==> flow/design.v <==
module reg_bank_p #(
  parameter integer NUM_REGS = 10,
  parameter integer DW = 40,
  parameter integer IDX_W = $clog2(NUM_REGS)
) (
  input  logic core_clk,
  input  logic RST,
  input  logic wr,
  input  logic [IDX_W-1:0] wr_addr,
  input  logic [DW-1:0] din,
  input  logic [IDX_W-1:0] read_addr,
  output logic [DW-1:0] rd_data
);
  logic wr_reg;
  logic [IDX_W-1:0] wr_addr_reg;
  logic [DW-1:0] din_reg;
  logic [DW-1:0] bank [0:NUM_REGS-1];
  always_ff @(posedge core_clk) begin
    if (wr_reg)
      bank[wr_addr_reg] <= din_reg;
  end
  logic [IDX_W-1:0] read_addr_reg;
  always_ff @(posedge core_clk) begin
    if (RST) begin
      wr_reg <= 1'b0;
      wr_addr_reg <= 0;
      din_reg <= 0;
      read_addr_reg <= 0;
      rd_data <= 0;
    end else begin
      wr_reg <= wr;
      wr_addr_reg <= wr_addr;
      din_reg <= din;
      read_addr_reg <= read_addr;
      rd_data <= bank[read_addr_reg];
    end
  end
endmodule
======== Tool chain data of reg_bank_p ========
The steps from the RTL of reg_bank_p to its reports follow in flow order.
Lines are those of the file above, counted from 1.
Library cell names are shortened.
The mark n/a stands for no value.
inputs
  design top .............................. reg_bank_p
  clock input ............................. core_clk
  cell library ............................ sky130hd
  library corner .......................... tt_025C_1v80

======== Word level ========
Source: Yosys, flattened and elaborated, memories not mapped. Widths are those after wreduce; folded enables and synchronous resets count as part of the registers. Registers that Yosys merges into a memory's read port (data or address) are not register bits. Print and check cells do not count. Equal cells are merged and count once.
Memory sizes are those after Yosys's memory passes, which may raise the word count (mostly to a power of two), join words into wider ones and drop unused or constant bits.
operators by class
  muxes and demuxes ....................... 3
operators with widths
  operator           number
  2-to-1 mux 40 bit  1
  2-to-1 mux 4 bit   1
  2-to-1 mux 1 bit   1
bit counts
  memory bits (writable) .................. 400
  clocked read ports x word width ......... 40
  input bits .............................. 51
  word-level cells ........................ 8
  bits in registers ....................... 49
  memories kept ........................... 1
  output and inout bits ................... 40
memories
  name  depth  bits a word  rd ports  write ports  line  source
  bank  10     40           1         1            17    logic [DW-1:0] bank [0:NUM_REGS-1];

======== Depth ========
Longest topological path by Yosys (ltp), each cell counted once; first at word level (registers and memories cut), then after technology mapping (sequential cells cut; the memories' decode and read muxes count).
depth
  word-level depth ........................ 1
  ABC_AREA ................................ 0
  mapped depth ............................ 6
  gate-level depth less buffers ........... 4

======== After synthesis ========
Source: synth_stat.txt of the flow (Yosys; design flattened, memories mapped). It holds for the ABC_AREA given above (unset counts as 0); a run with the other value may have another netlist.
cells by type
  cell      number  total area (µm²)
  edfxtp_1  400     1.2E+04
  mux2i_1   200     2,001.92
  dfxtp_1   89      1.78E+03
  a22oi_1   80      600.576
  nor2b_1   51      319.056
  buf_12    15      300.288
  a211oi_1  39      292.781
  a21oi_1   40      200.192
  clkbuf_1  30      112.608
  buf_6     6       67.565
  nor2_1    8       30.029
  buf_2     4       20.019
  buf_8     1       15.014
  nand3b_1  2       15.014
  nor3_1    3       15.014
  a211oi_2  1       12.512
  nand2b_1  2       12.512
  or3b_2    1       8.758
Other cell types: 3; their cells: 4.
synthesis totals
  buffers ................................. 58
  chip area (Yosys) ....................... 17,834.6 µm²
  cell count .............................. 976
  flip-flop cells ......................... 489
  sequential area ......................... 13,793.2 µm²

======== Path before layout ========
Path of least setup slack by OpenSTA after synthesis, without wires, with an ideal clock, recovery checks aside; 20% of the period is set as input and as output delay. Where synthesis merged equal registers, the netlist keeps one of their names.
path post-synthesis
  kind .................................... reg-to-reg
  from .................................... register wr_reg
  to ...................................... memory bank[0][0]
  period .................................. 5.06 ns
  path slack .............................. 1.014 ns
  delay of the path ....................... 4.045 ns
  time at the first pin ................... 0.000 ns
  data required time ...................... 4.573 ns
  library setup time ...................... 0.487 ns
  stages .................................. 3
  buffers on the path ..................... 0
  arrival time ............................ 3.558 ns
  synthesis period reached ................ 4.046 ns
"delay of the path" is the arrival time less input delay plus setup time.
"stages": output pins that drive a net of the path, with the launching flip-flop's if there is one; two outputs of one cell count as two.
"synthesis period reached" = period - worst setup slack (recovery checks aside). The figure is calculated, with input and output delays left at 20% of the set period.
Between the ends stands the longest chain of elaborated cells between them, by number of cells; it is not shown to be the way that was timed. Of several equally long chains one is given.
A line is the first line of the expression or statement that the cell stems from. Yosys adds cells for indexed reads and writes and turns some case tables into memories.
Only ways into the end's enable, where the timed path ends, are counted here.
on the way, post-synthesis
  cell sequence ........................... dfxtp_1 -> or3b_2 -> nor3_1
  length of the longest elaborated chain .. 1
  elaborated cells on any way between the ends .. 2
  source lines of those cells ............. 1
  classes of those cells .................. mux (2)
RTL lines, path post-synthesis
  item              line  source
  start, declared   14    logic wr_reg;
  start, assigned   25    wr_reg <= 1'b0;
  start, assigned   31    wr_reg <= wr;
  2-to-1 mux 4 bit  19    if (wr_reg)
  end, declared     17    logic [DW-1:0] bank [0:NUM_REGS-1];

======== Timing after layout ========
Path of least setup slack in the final report of flow run A (OpenROAD, finished layout, wires in). Where an end is a register, its clock arrival counts in the times.
path post-layout
  kind .................................... reg-to-output
  from .................................... register rd_data[11]
  to ...................................... output rd_data[11]
  output delay ............................ 1.01 ns
  buffers on the path ..................... 1
  stages .................................. 2
  path slack .............................. 2.49 ns
  data required time ...................... 4.05 ns
  time at the first pin ................... 0.60 ns
  period .................................. 5.06 ns
  arrival time ............................ 1.56 ns
on the way, post-layout
  cell sequence ........................... dfxtp_1 -> clkdlybuf4s50_1
  length of the longest elaborated chain .. 0
  elaborated cells on any way between the ends .. 0
  source lines of those cells ............. 0
RTL lines, path post-layout
  item             line  source
  start, declared  12    output logic [DW-1:0] rd_data
  end, declared    12

3 stored runs of reg_bank_p in the flow (synthesis by Yosys, layout by OpenROAD, sky130hd cells), in arbitrary order. Constraints: input delay and output delay 20% of the set period each, output load 0.01 pF.
"reached clock period": clock period set for the run, less the worst setup slack. It is reckoned from that one timing run; input and output delays stay at 20% of the period that was set.
"total power after layout": no workload was simulated; the value follows from the tool's default switching activity.

---- flow run A ----
settings
  period_ns = 5.06
  CAP_MARGIN = 20
  CORE_MARGIN = 2
  CORE_UTILIZATION = 40
  SLEW_MARGIN = 20
results
  worst slack on setup checks ............. 2.486 ns
  die outline area ........................ 46,291.7 µm²
  Yosys chip area after synthesis ......... 17,834.6 µm²
  final setup TNS ......................... 0.000 ns
  reached clock period .................... 2.574 ns
  total power after layout ................ 8,620 µW
  standard-cell area after layout ......... 20,961.4 µm²
  worst-case hold slack ................... 0.575 ns

---- flow run B ----
settings
  period_ns = 3.89
  CORE_UTILIZATION = 60
  SETUP_SLACK_MARGIN = -0.09
  PLACE_DENSITY_LB_ADDON = 0.12
  CELL_PAD_IN_SITES_DETAIL_PLACEMENT = 0
  GPL_TIMING_DRIVEN = 1
  MAX_ROUTING_LAYER = met4
  CAP_MARGIN = 20
  CORE_MARGIN = 2
  SLEW_MARGIN = 20
results
  worst slack on setup checks ............. 1.505 ns
  die outline area ........................ 31,118.7 µm²
  Yosys chip area after synthesis ......... 17,834.6 µm²
  final setup TNS ......................... 0.000 ns
  reached clock period .................... 2.385 ns
  total power after layout ................ 10,652 µW
  standard-cell area after layout ......... 20,533.4 µm²
  worst-case hold slack ................... 0.580 ns

---- flow run C ----
settings
  period_ns = 4.82
  CORE_UTILIZATION = 15
  SETUP_SLACK_MARGIN = 1.24
  PLACE_DENSITY_LB_ADDON = 0.17
  CORE_MARGIN = 6
  CELL_PAD_IN_SITES_GLOBAL_PLACEMENT = 2
  TNS_END_PERCENT = 85
  ABC_AREA = 0
  GPL_TIMING_DRIVEN = 1
  CTS_CLUSTER_SIZE = 13
  CAP_MARGIN = 10
  SLEW_MARGIN = 20
results
  worst slack on setup checks ............. 2.240 ns
  die outline area ........................ 127,317.0 µm²
  Yosys chip area after synthesis ......... 17,834.6 µm²
  final setup TNS ......................... 0.000 ns
  reached clock period .................... 2.580 ns
  total power after layout ................ 9,520 µW
  standard-cell area after layout ......... 22,382.7 µm²
  worst-case hold slack ................... 0.586 ns
